==> flow/design.v <==
module subtractor_rtl #(
    parameter integer W = 128
) (
    input  wire clk,
    input  wire resetn,
    input  wire signed [W-1:0] A,
    input  wire signed [W-1:0] B,
    input  wire minus,
    output reg [W-1:0] d,
    output reg co
);
    wire [W-1:0] aux;
    assign aux = B ^ {W{minus}};
    wire [W-1:0] r;
    assign r = $unsigned(A) + aux + minus;
    always @(posedge clk or negedge resetn) begin
        if (!resetn) begin
            d <= 0;
            co <= 1'b0;
        end else begin
            d <= r[W-1:0];
            co <= (A[W-1] == aux[W-1]) && (r[W-1] != A[W-1]);
        end
    end
endmodule
==> From RTL to reports: subtractor_rtl <==
The steps from the RTL of subtractor_rtl to its reports follow in flow order.
Line numbers count from 1 in the design file above.
Cell names lack the library's common part.
{ "setup": {"design": "subtractor_rtl", "clock_port": "clk", "cell_library": "sky130hd", "corner": "tt_025C_1v80"} }

==> Elaborated design <==
Yosys after proc, flatten, opt, wreduce and memory -nomap, before mapping. Enables and synchronous resets that opt folds into registers are not counted as muxes. Memory bits, and registers merged into a memory's read port (data or address), are not among the register bits. Print and check cells are not counted. Equal cells are merged and count once.
{ "word_totals": {"mem_bits_rw": 0, "input_bits": 259, "latchBits": 0, "romBits": 0, "memories": 0, "ff_bits": 129, "clocked_rd_ports_x_width": 0} }
{ "classes": {"div_mod_pow": 0, "n_mux": 0, "n_shift": 0, "eq_ne": 2, "n_logic": 1, "add_sub_neg": 2, "n_cmp": 0, "multipliers": 0, "n_reduce_logical": 1} }
{ "op_table": {"columns": ["cell", "count"], "rows": [
  ["adder 128 x 1 -> 128 bit", 1],
  ["adder 128 bit", 1],
  ["XOR 128 bit", 1],
  ["equality test 1 bit", 1],
  ["!= test 1 bit", 1],
  ["logical AND 1 bit", 1]
]} }

==> Longest topological paths <==
Longest topological path by Yosys (ltp), each cell counted once; first at word level (registers and memories cut), then after technology mapping (sequential cells cut; the memories' decode and read muxes count).
{ "logic_depth": {"depth_word": 5, "ABC_AREA": 0, "depth_mapped": 17} }

==> Netlist <==
The flow's flattened synthesis, as Yosys stat reports it; memories are mapped. The netlist is that of the ABC_AREA named above (0 if unset); the other value can give another one.
{ "types": {"columns": ["type", "count", "type_area_um2"], "rows": [
  ["dfrtp_1", 129, 3.23E+03],
  ["ha_1", 126, 1.58E+03],
  ["xor2_1", 166, 1.45E+03],
  ["a21oi_1", 212, 1.06E+03],
  ["xnor2_1", 79, 691.914],
  ["nand2_1", 161, 604.33],
  ["o21ai_0", 110, 550.528],
  ["nor2_1", 101, 379.114],
  ["nand4_1", 58, 362.848],
  ["o21bai_1", 45, 337.824],
  ["a21o_1", 33, 247.738],
  ["inv_1", 57, 213.955],
  ["clkbuf_1", 55, 206.448],
  ["nor3_1", 39, 195.187],
  ["o31ai_1", 17, 127.622],
  ["a31oi_1", 20, 125.12],
  ["nand3_1", 22, 110.106],
  ["nand2b_1", 16, 100.096]
]} }
Other cell types: 52; their cells: 194.
{ "mapped": {"flip_flops": 129, "sequential_area_um2": 3228.1, "yosys_area_um2": 13078.8, "cells": 1640} }

==> Path before layout <==
Path of least setup slack by OpenSTA after synthesis, without wires, with an ideal clock, recovery checks aside; 20% of the period is set as input and as output delay. Where synthesis merged equal registers, the netlist keeps one of their names.
{ "synth_path": {"path_type": "input -> register", "from": "input port minus", "to": "register d[126]", "t_arrival_ns": 5.318, "t_required_ns": 6.349, "input_delay_ns": 1.292, "path_stages": 17, "period_ns": 6.46, "setup_ns": 0.111, "slack_ns": 1.030, "path_delay_ns": 4.137, "synth_period_reached_ns": 5.43} }
"path_delay_ns" is the arrival time less input delay plus setup time.
"path_stages" counts driving pins, that of a launching flip-flop among them; a cell with two outputs on the path counts twice.
"synth_period_reached_ns" = period - worst setup slack (recovery checks aside). The figure is calculated, with input and output delays left at 20% of the set period.
Between the ends stands the longest chain of elaborated cells between them, by number of cells; it is not shown to be the way that was timed. Of several equally long chains one is given.
A line is the first line of the expression or statement that the cell stems from. Yosys adds cells for indexed reads and writes and turns some case tables into memories.
{ "synth_between": {"path_cell_list": "clkbuf_1 -> buf_1 -> clkbuf_1 -> xor2_1 -> ha_1 -> buf_2 -> nand3_2 -> a2111oi_4 -> nor2_2 -> o41ai_2 -> o311ai_2 -> a2111oi_4 -> nand2b_1 -> a31oi_2 -> a21oi_4 -> mux2i_1 -> a2111oi_2", "elab_chain_cells": 3} }
{ "synth_rtl": {"columns": ["item", "line_no", "rtl"], "rows": [
  ["from (decl)", 8, "input  wire minus,"],
  ["XOR 128 bit", 13, "assign aux = B ^ {W{minus}};"],
  ["adder 128 bit", 15, "assign r = $unsigned(A) + aux + minus;"],
  ["adder 128 x 1 -> 128 bit", 15, null],
  ["to (assign)", 18, "d <= 0;"],
  ["to (assign)", 21, "d <= r[W-1:0];"],
  ["to (decl)", 9, "output reg [W-1:0] d,"]
]} }

==> Timing after layout <==
Path of least setup slack in the final report of run 1 (OpenROAD, finished layout, wires in). Where an end is a register, its clock arrival counts in the times.
{ "layout_path": {"path_type": "input -> register", "from": "input port minus", "to": "register d[118]", "slack_ns": 0.17, "setup_ns": 0.12, "input_delay_ns": 1.02, "path_stages": 15, "t_required_ns": 5.43, "period_ns": 5.11, "t_arrival_ns": 5.25} }
Between the ends stands the longest chain of elaborated cells between them, by number of cells; it is not shown to be the way that was timed. Of several equally long chains one is given.
{ "layout_between": {"path_cell_list": "buf_6 -> buf_12 -> buf_4 -> xor2_1 -> ha_1 -> a21oi_1 -> o21ai_0 -> a21oi_1 -> nand2_1 -> a2111oi_0 -> nand2b_1 -> a31oi_2 -> a21oi_4 -> buf_4 -> o311a_2", "elab_chain_cells": 3} }
{ "layout_rtl": {"columns": ["item", "line_no", "rtl"], "rows": [
  ["from (decl)", 8, "input  wire minus,"],
  ["XOR 128 bit", 13, "assign aux = B ^ {W{minus}};"],
  ["adder 128 bit", 15, "assign r = $unsigned(A) + aux + minus;"],
  ["adder 128 x 1 -> 128 bit", 15, null],
  ["to (assign)", 18, "d <= 0;"],
  ["to (assign)", 21, "d <= r[W-1:0];"],
  ["to (decl)", 9, "output reg [W-1:0] d,"]
]} }

## Implementation results

3 stored runs of subtractor_rtl in the flow (synthesis by Yosys, layout by OpenROAD, sky130hd cells), in arbitrary order. Constraints: input delay and output delay 20% of the set period each, output load 0.01 pF.
"achieved clock period (ns)" means the clock period less the worst setup slack. The figure is calculated, with input and output delays left at 20% of the set period.
"worst setup path time (ns)" = time allowed to the worst setup path (clock period - input delay - output delay, where it has them) - its slack; a late launch clock adds to it, a late capture clock takes from it.
"finish__power__total" rests on the timing tool's default activity at the inputs, not on a simulated workload.

settings of run 1
{
  "period_ns": 5.11,
  "CORE_UTILIZATION": 62,
  "PLACE_DENSITY_LB_ADDON": 0.22,
  "GPL_TIMING_DRIVEN": 1,
  "MAX_ROUTING_LAYER": "met4",
  "CAP_MARGIN": 20,
  "CORE_MARGIN": 2,
  "SLEW_MARGIN": 20
}
report of run 1
yosys chip area after synthesis (um^2): 13078.8
finish__design__die__area: 22272.6
finish__design__instance__area__stdcell: 18139.9
finish__design__instance__utilization: 0.8684
finish__timing__setup__ws: 0.174
finish__timing__setup__tns: 0.000
finish__timing__hold__ws: 0.596
finish__power__total: 6.262e-03
achieved clock period (ns): 4.936
worst setup path time (ns): 3.91
worst setup path kind: input -> register

settings of run 2
{
  "period_ns": 8.58,
  "CORE_UTILIZATION": 71,
  "HOLD_SLACK_MARGIN": -0.04,
  "CELL_PAD_IN_SITES_GLOBAL_PLACEMENT": 1,
  "GPL_ROUTABILITY_DRIVEN": 1,
  "CAP_MARGIN": 25,
  "MAX_ROUTING_LAYER": "met4",
  "CORE_MARGIN": 2,
  "SLEW_MARGIN": 20
}
report of run 2: did not finish, place, GPL-0301

settings of run 3
{
  "period_ns": 6.46,
  "CAP_MARGIN": 20,
  "CORE_MARGIN": 2,
  "CORE_UTILIZATION": 40,
  "SLEW_MARGIN": 20
}
report of run 3
yosys chip area after synthesis (um^2): 13078.8
finish__design__die__area: 34160.3
finish__design__instance__area__stdcell: 17981.0
finish__design__instance__utilization: 0.5555
finish__timing__setup__ws: 0.867
finish__timing__setup__tns: 0.000
finish__timing__hold__ws: 0.917
finish__power__total: 4.725e-03
achieved clock period (ns): 5.593
worst setup path time (ns): 4.30
worst setup path kind: input -> register
